==> flow/design.v <==
module mul_unit #(
   parameter BITS = 64,
   parameter K = 10
) (
   input  wire ck,
   input  wire i_rst,
   input  wire en,
   input  wire [BITS-1:0] da,
   input  wire [K-1:0] db,
   output wire [BITS+K-1:0] res
);
   reg [BITS+K-1:0] res_s;
   always @(posedge ck or posedge i_rst) begin
      if (i_rst) begin
         res_s <= 0;
      end else if (en) begin
         res_s <= da * db;
      end
   end
   assign res = res_s;
endmodule
# Tool chain data of mul_unit
# Tool output for the design above, in the order of the flow.
# Line numbers count from 1 in the design file above.
# Operators carry their Yosys type and port widths (W data, S select, Z words).
# Library cell names are shortened.
# Not given: --
[inputs]
top_module = "mul_unit"
clock_port = "ck"
lib = "sky130hd"
pvt_corner = "tt_025C_1v80"

# Elaborated design
# Counts by Yosys on the flattened word-level netlist (proc, flatten, opt, wreduce; memories kept). Register bits leave out memories and registers merged into their read ports (data or address); mux counts leave out enables and synchronous resets folded into registers. Print and check cells are left out. Cells with the same type and inputs are merged into one.
[word_totals]
in_bits = 77
n_memories = 0
ff_bits = 74
latchBits = 0
clocked_rd_ports_x_width = 0
romBits = 0
wordCells = 2
ramBits = 0
[classes]
multipliers = 1
shifts = 0
add_sub_neg = 0
muxes = 0
n_logic = 0
compare = 0
div_mod_pow = 0
n_eq = 0
reduce_and_logical = 0
[ops]
columns = ["operator", "count"]
rows = [
  ["$mul A64 B10 Y74", 1],
]

# Longest topological paths
# Longest topological path by Yosys (ltp), each cell counted once; first at word level (registers and memories cut), then after technology mapping (sequential cells cut; the memories' decode and read muxes count).
[logic_depth]
word_depth = 1
ABC_AREA = 0
mapped_depth = 23
ltp_nobuf = 21

# Netlist
# The flow's flattened synthesis, as Yosys stat reports it; memories are mapped. The netlist is that of the ABC_AREA named above (0 if unset); the other value can give another one.
# Totals and module areas in this step are rounded.
[synth_totals]
mapped_area_um2 = 22960
ffs = 74
cells = 2565
[by_type]
columns = ["cell_type", "count", "type_area_um2"]
rows = [
  ["fa_1", 494, 9.89E+03],
  ["and2_1", 363, 2.27E+03],
  ["dfrtp_1", 74, 1.85E+03],
  ["inv_1", 428, 1.61E+03],
  ["nand2_1", 368, 1.38E+03],
  ["ha_1", 109, 1.36E+03],
  ["mux2_2", 49, 551.779],
  ["a21oi_1", 86, 430.413],
  ["clkbuf_1", 113, 424.157],
  ["a21o_1", 42, 315.302],
  ["xnor2_1", 32, 280.269],
  ["o21ai_0", 49, 245.235],
  ["xor2_1", 27, 236.477],
  ["buf_1", 49, 183.926],
  ["nor2_1", 46, 172.666],
  ["o21bai_1", 16, 120.115],
  ["nand4_1", 16, 100.096],
  ["nand3_1", 19, 95.091],
]
# Not listed: further types 64, cells in them 185.

# Path before layout
# Path of least setup slack by OpenSTA after synthesis, without wires, with an ideal clock, recovery checks aside; 20% of the period is set as input and as output delay. Where synthesis merged equal registers, the netlist keeps one of their names.
[synth_path]
path_kind = "input -> register"
from = "input port db[1]"
to = "register res_s[72]"
clock_period_ns = 8.8
path_buffers = 3
t_first_pin_ns = 1.760
path_delay_ns = 5.629
setup_time_ns = 0.069
input_delay_ns = 1.760
path_stages = 22
required_time_ns = 8.731
arrival_ns = 7.320
setup_slack_ns = 1.411
period_less_setup_slack_ns = 7.389
# "path_delay_ns" is the arrival time less input delay plus setup time.
# "path_stages" counts driving pins, that of a launching flip-flop among them; a cell with two outputs on the path counts twice.
# "period_less_setup_slack_ns" = period - worst setup slack (recovery checks aside). The figure is calculated, with input and output delays left at 20% of the set period.
# The rows between start and end are the longest chain of elaborated cells between them; the timing report does not say that the signal goes this way. Where chains are equally long, one stands for them.
# A line is the first line of the expression or statement that the cell stems from. Yosys adds cells for indexed reads and writes and turns some case tables into memories.
[synth_via]
path_cell_list = "clkbuf_1 clkbuf_1 nand2_1 fa_1 inv_1 fa_1 fa_1 fa_1 inv_1 fa_1 inv_1 ha_1 buf_4 and4_2 nand4_2 a2111oi_2 nor3_2 a2111oi_4 o2111a_1 nor4_1 or4_1 nand3_1"
elab_chain_cells = 1
cone_cells = 1
lines_between = 1
classes_between = "mul (1)"
[synth_rtl]
columns = ["element", "line_no", "text"]
rows = [
  ["start: declaration", 9, "input  wire [K-1:0] db,"],
  ["$mul A64 B10 Y74", 17, "res_s <= da * db;"],
  ["end: assignment", 15, "res_s <= 0;"],
  ["end: assignment", 17, ""],
  ["end: declaration", 12, "reg [BITS+K-1:0] res_s;"],
]

# Worst path after layout
# From the final timing report of flow run A: the path of least setup slack in the routed layout; clock arrival at registers is part of the times.
[layout_path]
path_kind = "input -> register"
from = "input port da[10]"
to = "register res_s[72]"
clock_period_ns = 10.4
required_time_ns = 10.68
input_delay_ns = 2.08
arrival_ns = 8.81
setup_time_ns = 0.07
path_buffers = 1
path_stages = 19
setup_slack_ns = 1.88
t_first_pin_ns = 2.08
# The rows between start and end are the longest chain of elaborated cells between them; the timing report does not say that the signal goes this way. Where chains are equally long, one stands for them.
[layout_via]
path_cell_list = "clkdlybuf4s50_1 and2_1 fa_1 fa_1 fa_1 fa_1 inv_1 fa_1 inv_1 ha_2 and4_2 nand4_2 a2111oi_2 nor3_2 a2111oi_4 o2111a_1 nor4_1 or4_1 nand3_1"
elab_chain_cells = 1
cone_cells = 1
lines_between = 1
classes_between = "mul (1)"
[layout_rtl]
columns = ["element", "line_no", "text"]
rows = [
  ["start: declaration", 8, "input  wire [BITS-1:0] da,"],
  ["$mul A64 B10 Y74", 17, "res_s <= da * db;"],
  ["end: assignment", 15, "res_s <= 0;"],
  ["end: assignment", 17, ""],
  ["end: declaration", 12, "reg [BITS+K-1:0] res_s;"],
]

# Module mul_unit, platform sky130hd: 2 stored runs of the flow (Yosys, OpenROAD) with differing settings, in no particular order. Input and output delays are each 20% of the period that was set; the output load is 0.01 pF.
# The measured numbers are rounded.

[[run]]
name = "flow run A"
[run.settings]
period_ns = 10.4
CORE_UTILIZATION = 20
SETUP_SLACK_MARGIN = 1.7
PLACE_DENSITY_LB_ADDON = 0.21
CELL_PAD_IN_SITES_DETAIL_PLACEMENT = 0
TNS_END_PERCENT = 95
GPL_TIMING_DRIVEN = 1
CAP_MARGIN = 20
CORE_MARGIN = 2
SLEW_MARGIN = 20
[run.results]
yosys_chip_area_um2 = 22960
dieArea_um2 = 117500
stdcell_area_um2 = 26240
fin_util_pct = 23.0
timing.setup.ws_ns = 1.876
tns_setup_ns = 0.000

[[run]]
name = "flow run B"
[run.settings]
period_ns = 8.8
CAP_MARGIN = 20
CORE_MARGIN = 2
CORE_UTILIZATION = 40
SLEW_MARGIN = 20
[run.results]
yosys_chip_area_um2 = 22960
dieArea_um2 = 59330
stdcell_area_um2 = 25350
fin_util_pct = 44.8
timing.setup.ws_ns = 0.609
tns_setup_ns = 0.000
